==> flow/design.v <==
module mplex_top #(
   parameter BITS = 64,
   parameter NUM = 7,
   parameter LOGN = $clog2(NUM)
) (
   input i_clk,
   input RSTN,
   input [NUM*BITS-1:0] ch_i,
   input [LOGN-1:0] sel_i,
   output [BITS-1:0] y_o
);
   reg [NUM*BITS-1:0] ch_ff;
   reg [LOGN-1:0] sel_ff;
   always @(posedge i_clk) begin
      if (~RSTN) begin
         ch_ff <= 0;
         sel_ff <= 0;
      end else begin
         ch_ff <= ch_i;
         sel_ff <= sel_i;
      end
   end
   reg [BITS-1:0] tmp;
   integer idx;
   always @* begin
      tmp = 0;
      for (idx = 0; idx < NUM; idx = idx + 1)
         if (sel_ff == idx) tmp = ch_ff[idx*BITS +: BITS];
   end
   assign y_o = tmp;
endmodule
## From RTL to reports: mplex_top

What the tools print for mplex_top, step after step.
Line numbers count from 1 in the design file above.
Library cell names are shortened.
The mark n/a stands for no value.

| set-up | value |
|---|---|
| top module | mplex_top |
| clock port | i_clk |
| cell library | sky130hd |
| timing corner | tt_025C_1v80 |

## After elaboration

Counts by Yosys on the flattened word-level netlist (proc, flatten, opt, wreduce; memories kept). Register bits leave out memories and registers merged into their read ports (data or address); mux counts leave out enables and synchronous resets folded into registers. Print and check cells are left out. Cells with the same type and inputs are merged into one.

| word-level totals | value |
|---|---|
| input port bits | 453 |
| output and inout bits | 64 |
| cells after elaboration | 16 |
| flip-flop bits (word level) | 451 |

| cells by class | value |
|---|---|
| reductions and logical operators | 1 |
| equality and inequality tests | 6 |
| mux-type cells | 7 |

Operators with widths:

| cell | count |
|---|---|
| 64-bit 2-to-1 mux | 7 |
| 3-bit equality test with constant B | 3 |
| 3-bit by 2-bit equality test with 1-bit output with constant B | 2 |
| 3-bit by 1-bit equality test with 1-bit output with constant B | 1 |
| 3-bit logical NOT | 1 |

## Depth

Longest topological path by Yosys (ltp), each cell counted once; first at word level (registers and memories cut), then after technology mapping (sequential cells cut; the memories' decode and read muxes count).

| logic depth | value |
|---|---|
| depth in word-level cells | 8 |
| ABC_AREA | 0 |
| gate-level depth with buffers | 6 |
| gate-level depth less buffers | 4 |

## After synthesis

The flow's flattened synthesis, as Yosys stat reports it; memories are mapped. The netlist is that of the ABC_AREA named above (0 if unset); the other value can give another one.
Totals and module areas in this step are rounded.

| mapped netlist | value |
|---|---|
| flip-flops | 451 |
| cell area after synthesis | 0.0169 mm² |
| sequential area | 0.00903 mm² |
| cells in the netlist | 1550 |

Cell types:

| cell | count | area in all (µm²) |
|---|---|---|
| dfxtp_1 | 451 | 9.03E+03 |
| and2_1 | 451 | 2.82E+03 |
| a221oi_2 | 61 | 915.878 |
| mux2_2 | 63 | 709.43 |
| mux2i_1 | 64 | 640.614 |
| o2bb2ai_1 | 63 | 551.779 |
| o32ai_1 | 63 | 551.779 |
| nand2b_1 | 64 | 400.384 |
| a21oi_1 | 64 | 320.307 |
| clkbuf_1 | 71 | 266.506 |
| nor2_1 | 64 | 240.23 |
| buf_2 | 39 | 195.187 |
| buf_6 | 15 | 168.912 |
| buf_4 | 8 | 60.058 |
| mux4_2 | 1 | 22.522 |
| a221oi_1 | 2 | 17.517 |
| and3_1 | 1 | 6.256 |
| nand2_2 | 1 | 6.256 |

Other cell types: 4; their cells: 4.

## Timing after synthesis

OpenSTA on the mapped netlist: ideal clock, no wires. The path of least setup slack (recovery checks aside). Input and output delay are each 20% of the period. Register names are those of the netlist, which keeps one name where synthesis merged equal registers.

| timing after synthesis | value |
|---|---|
| kind | register to output |
| start point | register sel_ff[1] |
| end point | output port y_o[10] |
| stages | 6 |
| external output delay | 0.394 ns |
| time at the first pin | 0.000 ns |
| arrival | 1.260 ns |
| buffers on the path | 2 |
| setup slack | 0.316 ns |
| clock period | 1.97 ns |
| delay of the path | 1.260 ns |
| data required time | 1.576 ns |
| period reached after synthesis | 1.654 ns |

"delay of the path" = arrival - input delay + setup time.
At an output port there is no setup time.
"stages" counts driving pins, that of a launching flip-flop among them; a cell with two outputs on the path counts twice.
"period reached after synthesis" is the clock period less the worst setup slack; recovery checks do not enter. This is arithmetic on one report: input and output delays are still those of the set period (20% each).
The rows between start and end are the longest chain of elaborated cells between them; the timing report does not say that the signal goes this way. Where chains are equally long, one stands for them.
Each line given opens the expression or statement behind the cell; cells for indexed reads and writes are added by Yosys, which also makes memories of some case tables.

| between the ends, after synthesis | value |
|---|---|
| cell sequence | dfxtp_1 > buf_6 > buf_2 > mux2_2 > o32ai_1 > nor2_1 |
| length of the longest elaborated chain | 8 |
| elaborated cells on any way between the ends | 14 |
| RTL lines with such cells | 1 |
| classes of those cells | eq/ne (6); mux (7); reduce/logical (1) |

Ends and longest elaborated chain, after synthesis:

| element | line | source |
|---|---|---|
| from (decl) | 13 | `reg [LOGN-1:0] sel_ff;` |
| from (assign) | 17 | `sel_ff <= 0;` |
| from (assign) | 20 | `sel_ff <= sel_i;` |
| 3-bit logical NOT | 28 | `if (sel_ff == idx) tmp = ch_ff[idx*BITS +: BITS];` |
| 64-bit 2-to-1 mux x7 | 28 |  |
| to (decl) | 10 | `output [BITS-1:0] y_o` |

## Timing after layout

Path of least setup slack in the final report of flow run A (OpenROAD, finished layout, wires in). Where an end is a register, its clock arrival counts in the times.

| timing post-layout | value |
|---|---|
| kind | register to output |
| start point | register sel_ff[1] |
| end point | output port y_o[35] |
| arrival | 2.21 ns |
| buffers on the path | 5 |
| setup slack | -0.63 ns |
| data required time | 1.58 ns |
| external output delay | 0.39 ns |
| time at the first pin | 0.57 ns |
| stages | 10 |
| clock period | 1.97 ns |

The rows between start and end are the longest chain of elaborated cells between them; the timing report does not say that the signal goes this way. Where chains are equally long, one stands for them.

| between the ends, post-layout | value |
|---|---|
| cell sequence | dfxtp_4 > buf_12 > buf_12 > buf_12 > buf_12 > mux2i_1 > o2bb2ai_1 > a221oi_2 > nor2_1 > buf_2 |
| length of the longest elaborated chain | 8 |
| elaborated cells on any way between the ends | 14 |
| RTL lines with such cells | 1 |
| classes of those cells | eq/ne (6); mux (7); reduce/logical (1) |

Ends and longest elaborated chain, post-layout:

| element | line | source |
|---|---|---|
| from (decl) | 13 | `reg [LOGN-1:0] sel_ff;` |
| from (assign) | 17 | `sel_ff <= 0;` |
| from (assign) | 20 | `sel_ff <= sel_i;` |
| 3-bit logical NOT | 28 | `if (sel_ff == idx) tmp = ch_ff[idx*BITS +: BITS];` |
| 64-bit 2-to-1 mux x7 | 28 |  |
| to (decl) | 10 | `output [BITS-1:0] y_o` |

Subject: flow runs of mplex_top

Hi,

Module mplex_top, platform sky130hd: 3 stored runs of the flow (Yosys, OpenROAD) with differing settings, in no particular order. Input and output delays are each 20% of the period that was set; the output load is 0.01 pF.
"period reached": clock period set for the run, less the worst setup slack. It is reckoned from that one timing run; input and output delays stay at 20% of the period that was set.
"power consumption" rests on the timing tool's default activity at the inputs, not on a simulated workload.
Values from the reports are rounded here.

## Flow run A

==> flow/run.sh <==
#!/bin/bash
# the make line also repeats the synthesis and layout settings of config.mk as NAME=value (left out here)
make -C /OpenROAD-flow-scripts/flow DESIGN_CONFIG=/design/flow/config.mk WORK_HOME=/design/flow/orfs CLKGATE_MAP_FILE= finish
==> flow/config.mk <==
export PLATFORM = sky130hd
export DESIGN_NAME = mplex_top
export DESIGN_NICKNAME = mplex_top
export VERILOG_FILES = /design/flow/design.v
export SDC_FILE = /design/flow/constraint.sdc
export NUM_CORES = 4
export LEC_CHECK = 0
export CAP_MARGIN = 20
export CORE_MARGIN = 2
export CORE_UTILIZATION = 40
export SLEW_MARGIN = 20
==> flow/constraint.sdc <==
create_clock -name core_clock -period 1.97 [get_ports {i_clk}]
set_input_delay 0.3940 -clock core_clock [delete_from_list [all_inputs] [get_ports {i_clk}]]
set_output_delay 0.3940 -clock core_clock [all_outputs]
set_load 0.01 [all_outputs]

| result of flow run A | value |
|---|---|
| setup total negative slack | -36.4 ns |
| smallest setup slack | -0.634 ns |
| period reached | 2.604 ns |
| power consumption | 22400 µW |
| lowest hold slack | 0.352 ns |
| post-synthesis cell area | 0.0169 mm² |
| full die area | 0.044 mm² |
| final utilization | 64.4% |

## Flow run B

==> flow/run.sh <==
#!/bin/bash
# the make line also repeats the synthesis and layout settings of config.mk as NAME=value (left out here)
make -C /OpenROAD-flow-scripts/flow DESIGN_CONFIG=/design/flow/config.mk WORK_HOME=/design/flow/orfs CLKGATE_MAP_FILE= finish
==> flow/config.mk <==
export PLATFORM = sky130hd
export DESIGN_NAME = mplex_top
export DESIGN_NICKNAME = mplex_top
export VERILOG_FILES = /design/flow/design.v
export SDC_FILE = /design/flow/constraint.sdc
export NUM_CORES = 4
export LEC_CHECK = 0
export CAP_MARGIN = 20
export CORE_ASPECT_RATIO = 1.72
export CORE_MARGIN = 2
export CORE_UTILIZATION = 42
export CTS_CLUSTER_DIAMETER = 393
export MAX_ROUTING_LAYER = met5
export MIN_ROUTING_LAYER = met1
export PLACE_DENSITY = 0.39
export SETUP_SLACK_MARGIN = 0.61
export SLEW_MARGIN = 15
export TNS_END_PERCENT = 90
==> flow/constraint.sdc <==
create_clock -name core_clock -period 2.22 [get_ports {i_clk}]
set_input_delay 0.4440 -clock core_clock [delete_from_list [all_inputs] [get_ports {i_clk}]]
set_output_delay 0.4440 -clock core_clock [all_outputs]
set_load 0.01 [all_outputs]

| result of flow run B | value |
|---|---|
| setup total negative slack | -21.9 ns |
| smallest setup slack | -0.429 ns |
| period reached | 2.649 ns |
| power consumption | 19200 µW |
| lowest hold slack | 0.343 ns |
| post-synthesis cell area | 0.0169 mm² |
| full die area | 0.042 mm² |
| final utilization | 66.5% |

## Flow run C

==> flow/run.sh <==
#!/bin/bash
# the make line also repeats the synthesis and layout settings of config.mk as NAME=value (left out here)
make -C /OpenROAD-flow-scripts/flow DESIGN_CONFIG=/design/flow/config.mk WORK_HOME=/design/flow/orfs CLKGATE_MAP_FILE= finish
==> flow/config.mk <==
export PLATFORM = sky130hd
export DESIGN_NAME = mplex_top
export DESIGN_NICKNAME = mplex_top
export VERILOG_FILES = /design/flow/design.v
export SDC_FILE = /design/flow/constraint.sdc
export NUM_CORES = 4
export LEC_CHECK = 0
export ABC_AREA = 0
export CAP_MARGIN = 20
export CORE_ASPECT_RATIO = 1.69
export CORE_MARGIN = 6
export CORE_UTILIZATION = 23
export GPL_ROUTABILITY_DRIVEN = 0
export MAX_ROUTING_LAYER = met5
export PLACE_DENSITY_LB_ADDON = 0.0
export SETUP_SLACK_MARGIN = 0.17
export SLEW_MARGIN = 5
==> flow/constraint.sdc <==
create_clock -name core_clock -period 1.15 [get_ports {i_clk}]
set_input_delay 0.2300 -clock core_clock [delete_from_list [all_inputs] [get_ports {i_clk}]]
set_output_delay 0.2300 -clock core_clock [all_outputs]
set_load 0.01 [all_outputs]

| result of flow run C | value |
|---|---|
| setup total negative slack | -82.0 ns |
| smallest setup slack | -1.38 ns |
| period reached | 2.533 ns |
| power consumption | 39100 µW |
| lowest hold slack | 0.154 ns |
| post-synthesis cell area | 0.0169 mm² |
| full die area | 0.0805 mm² |
| final utilization | 38.5% |

Regards
